==> flow/design.v <==
module switch_blk #(
    parameter int DW = 20
) (
    input  logic i_clk,
    input  logic step,
    input  logic [DW-1:0] d0,
    input  logic [DW-1:0] d1,
    input  logic [DW-1:0] d2,
    input  logic [DW-1:0] d3,
    input  logic [DW-1:0] d4,
    input  logic [DW-1:0] d5,
    input  logic [DW-1:0] d6,
    input  logic [DW-1:0] d7,
    input  logic [2:0] choose,
    output logic [DW-1:0] dout
);
    logic [DW-1:0] val;
    assign val =
        (choose == 3'd0) ? d0 :
        (choose == 3'd1) ? d1 :
        (choose == 3'd2) ? d2 :
        (choose == 3'd3) ? d3 :
        (choose == 3'd4) ? d4 :
        (choose == 3'd5) ? d5 :
        (choose == 3'd6) ? d6 :
        d7;
    logic [DW-1:0] dout_reg;
    always_ff @(posedge i_clk) begin
        if (step) begin
            dout_reg <= val;
        end
    end
    assign dout = dout_reg;
endmodule
-- Tool chain data of switch_blk
The steps from the RTL of switch_blk to its reports follow in flow order.
Line numbers count from 1 in the design file above.
The mark - stands for no value.
- design top: switch_blk
- clock: i_clk
- library: sky130hd
- library corner: tt_025C_1v80

-- Elaborated design
Yosys after proc, flatten, opt, wreduce and memory -nomap, before mapping. Enables and synchronous resets that opt folds into registers are not counted as muxes. Memory bits, and registers merged into a memory's read port (data or address), are not among the register bits. Print and check cells are not counted. Equal cells are merged and count once.
- register bits: 20
- cells after elaboration at 15
- output and inout port bits: 20
- multiplexer cells: 7
- noted eq/ne operators: 6
- reductions and logical operators: 1
- operators by type and width (cell ; count):
    20-bit two-way mux ; 7
    3-bit equality test with constant B ; 3
    3-bit by 2-bit equality test with 1-bit output with constant B ; 2
    3-bit by 1-bit equality test with 1-bit output with constant B ; 1
    3-bit zero test ; 1

-- Depth
Depth = most cells in a row (Yosys ltp): at word level without a register or memory, in the mapped netlist without a sequential cell, where the memories' decode and read muxes count.
- depth in word-level cells at 8
- ABC_AREA: 0
- gate-level depth with buffers at 6
- depth with buffers taken out at 4

-- Netlist
Source: synth_stat.txt of the flow (Yosys; design flattened, memories mapped). It holds for the ABC_AREA given above (unset counts as 0); a run with the other value may have another netlist.
The area totals of this step are shown rounded.
- cell types (cell ; count ; area in all (sq um)):
    sky130_fd_sc_hd__edfxtp_1 ; 20 ; 600.576
    sky130_fd_sc_hd__mux4_2 ; 22 ; 495.475
    sky130_fd_sc_hd__mux2_2 ; 18 ; 202.694
    sky130_fd_sc_hd__mux2i_1 ; 13 ; 130.125
    sky130_fd_sc_hd__o22ai_1 ; 11 ; 68.816
    sky130_fd_sc_hd__a221oi_1 ; 7 ; 61.309
    sky130_fd_sc_hd__a21oi_1 ; 12 ; 60.058
    sky130_fd_sc_hd__a2bb2oi_1 ; 5 ; 43.792
    sky130_fd_sc_hd__buf_2 ; 8 ; 40.038
    sky130_fd_sc_hd__nor2b_1 ; 6 ; 37.536
    sky130_fd_sc_hd__o21ai_0 ; 6 ; 30.029
    sky130_fd_sc_hd__a22o_1 ; 3 ; 26.275
    sky130_fd_sc_hd__nand2_1 ; 7 ; 26.275
    sky130_fd_sc_hd__a22oi_1 ; 3 ; 22.522
    sky130_fd_sc_hd__clkbuf_1 ; 6 ; 22.522
    sky130_fd_sc_hd__buf_4 ; 2 ; 15.014
    sky130_fd_sc_hd__nor2_1 ; 4 ; 15.014
    sky130_fd_sc_hd__nor3_1 ; 3 ; 15.014
Not listed: further types 10, cells in them 13.
- noted sequential part of the area: 0.0006006 sq mm
- noted mapped cells: 169
- noted flip-flops: 20
- cell area after synthesis: 0.002009 sq mm
- buffers: 17

-- Worst setup path after synthesis
Source: OpenSTA report_checks on the synthesized netlist (no wires, ideal clock, input and output delay 20% of the period each), path of least setup slack; recovery checks are left aside. Register names are those of the netlist, which keeps one name where synthesis merged equal registers.
- path type: input-to-reg
- start: input (no name shown)
- end: register dout_reg[10]
- delay of the path: 1305 ps
- noted launch time at the first pin: 408 ps
- noted arrival: 1453 ps
- buffers on the path: 1
- noted slack: 327 ps
- noted driving pins on the path: 3
- noted period: 2040 ps
- synthesis period reached at 1713 ps
"delay of the path" = arrival - input delay + setup time.
"driving pins on the path" counts driving pins, that of a launching flip-flop among them; a cell with two outputs on the path counts twice.
"synthesis period reached" = period - worst setup slack (recovery checks aside). The figure is calculated, with input and output delays left at 20% of the set period.
The rows between start and end are the longest chain of elaborated cells between them; the timing report does not say that the signal goes this way. Where chains are equally long, one stands for them.
Each line given opens the expression or statement behind the cell; cells for indexed reads and writes are added by Yosys, which also makes memories of some case tables.
- cells stage by stage: sky130_fd_sc_hd__buf_2 -> sky130_fd_sc_hd__mux4_2 -> sky130_fd_sc_hd__mux2_2
- cells in the longest elaborated chain: 8
- elaborated cells between the ends (all ways): 14
- those cells by class: 6 x eq/ne; 7 x mux; 1 x reduce/logical
- ends and longest elaborated chain, post-synthesis (item ; line ; text):
    from (decl) ; 14 ;
    3-bit equality test ; 25 ;
    20-bit two-way mux ; 25 ;
    20-bit two-way mux ; 24 ;
    20-bit two-way mux ; 23 ;
    20-bit two-way mux ; 22 ;
    20-bit two-way mux ; 21 ;
    20-bit two-way mux ; 20 ;
    20-bit two-way mux ; 19 ;
    to (assign) ; 30 ; dout_reg <= val;
    to (decl) ; 27 ; logic [DW-1:0] dout_reg;

-- Path in the finished layout
Path of least setup slack in the final report of job 1 (OpenROAD, finished layout, wires in). Where an end is a register, its clock arrival counts in the times.
The report prints the path's times to 10 ps; the period is as set.
- path type: input-to-reg
- start: input (no name shown)
- end: register dout_reg[19]
- noted period: 2040 ps
- noted slack: 420 ps
- buffers on the path: 2
- noted arrival: 1630 ps
- noted launch time at the first pin: 410 ps
- noted driving pins on the path: 4
The rows between start and end are the longest chain of elaborated cells between them; the timing report does not say that the signal goes this way. Where chains are equally long, one stands for them.
- cells stage by stage: sky130_fd_sc_hd__buf_2 -> sky130_fd_sc_hd__buf_12 -> sky130_fd_sc_hd__mux4_2 -> sky130_fd_sc_hd__mux2_2
- cells in the longest elaborated chain: 8
- elaborated cells between the ends (all ways): 14
- those cells by class: 6 x eq/ne; 7 x mux; 1 x reduce/logical
- ends and longest elaborated chain, after layout (item ; line ; text):
    from (decl) ; 14 ;
    3-bit equality test ; 25 ;
    20-bit two-way mux ; 25 ;
    20-bit two-way mux ; 24 ;
    20-bit two-way mux ; 23 ;
    20-bit two-way mux ; 22 ;
    20-bit two-way mux ; 21 ;
    20-bit two-way mux ; 20 ;
    20-bit two-way mux ; 19 ;
    to (assign) ; 30 ; dout_reg <= val;
    to (decl) ; 27 ; logic [DW-1:0] dout_reg;

Subject: switch_blk on sky130hd, stored results

Hello all,

Top module switch_blk; platform sky130hd; tools Yosys and OpenROAD; 3 stored runs in no particular order. Input and output delays are each 20% of the period that was set; the output load is 0.01 pF.
By "clock period achieved" is meant the clock period of the run minus its worst setup slack. This is arithmetic on one report: input and output delays are still those of the set period (20% each).
"time on the worst setup path" means the part of the period allowed to the worst setup path (the constraints hold back 20% at inputs and 20% at outputs) less its slack; where the path has registers, the arrival times of their clocks count too.
By "overall power" is meant OpenSTA's value without simulated activity: inputs other than the clock are taken to toggle once in ten clock periods, and the tool carries that through the logic.
"time on the worst setup path" is given in steps of 10 ps.
The measured numbers are rounded.

Job 1
Settings were period_ns = 2.04; CAP_MARGIN = 20; CORE_MARGIN = 2; CORE_UTILIZATION = 40; SLEW_MARGIN = 20
- cell area after synthesis at 0.002009 sq mm
- noted the area inside the die boundary: 0.005606 sq mm
- standard-cell area after routing: 0.004003 sq mm
- utilization in the final report: 83.6%
- setup slack of the worst path: 422 ps
- noted the sum of negative setup slack: 0 ps
- smallest hold slack: 786 ps
- overall power: 1713 uW
- clock period achieved: 1618 ps
- noted the time on the worst setup path: 1210 ps
- worst setup path type: input-to-reg

Job 2
Settings were period_ns = 3.22; CORE_UTILIZATION = 54; SETUP_SLACK_MARGIN = 0.06; PLACE_DENSITY_LB_ADDON = 0.28; CORE_ASPECT_RATIO = 1.04; CELL_PAD_IN_SITES_GLOBAL_PLACEMENT = 0; CELL_PAD_IN_SITES_DETAIL_PLACEMENT = 2; ABC_AREA = 1; GPL_TIMING_DRIVEN = 1; GPL_ROUTABILITY_DRIVEN = 0; CTS_CLUSTER_DIAMETER = 317; CAP_MARGIN = 15; MIN_ROUTING_LAYER = met2; MAX_ROUTING_LAYER = met5; CORE_MARGIN = 2; SLEW_MARGIN = 20
- incomplete, placement halted on FLW-0024

Job 3
Settings were period_ns = 2.81; CORE_UTILIZATION = 31; SETUP_SLACK_MARGIN = 0.03; TNS_END_PERCENT = 70; CTS_CLUSTER_SIZE = 56; CAP_MARGIN = 20; CORE_MARGIN = 2; SLEW_MARGIN = 20
- cell area after synthesis at 0.002009 sq mm
- noted the area inside the die boundary: 0.007142 sq mm
- standard-cell area after routing: 0.003966 sq mm
- utilization in the final report: 62.8%
- setup slack of the worst path: 923 ps
- noted the sum of negative setup slack: 0 ps
- smallest hold slack: 960 ps
- overall power: 1134 uW
- clock period achieved: 1887 ps
- noted the time on the worst setup path: 1320 ps
- worst setup path type: input-to-reg

Thanks
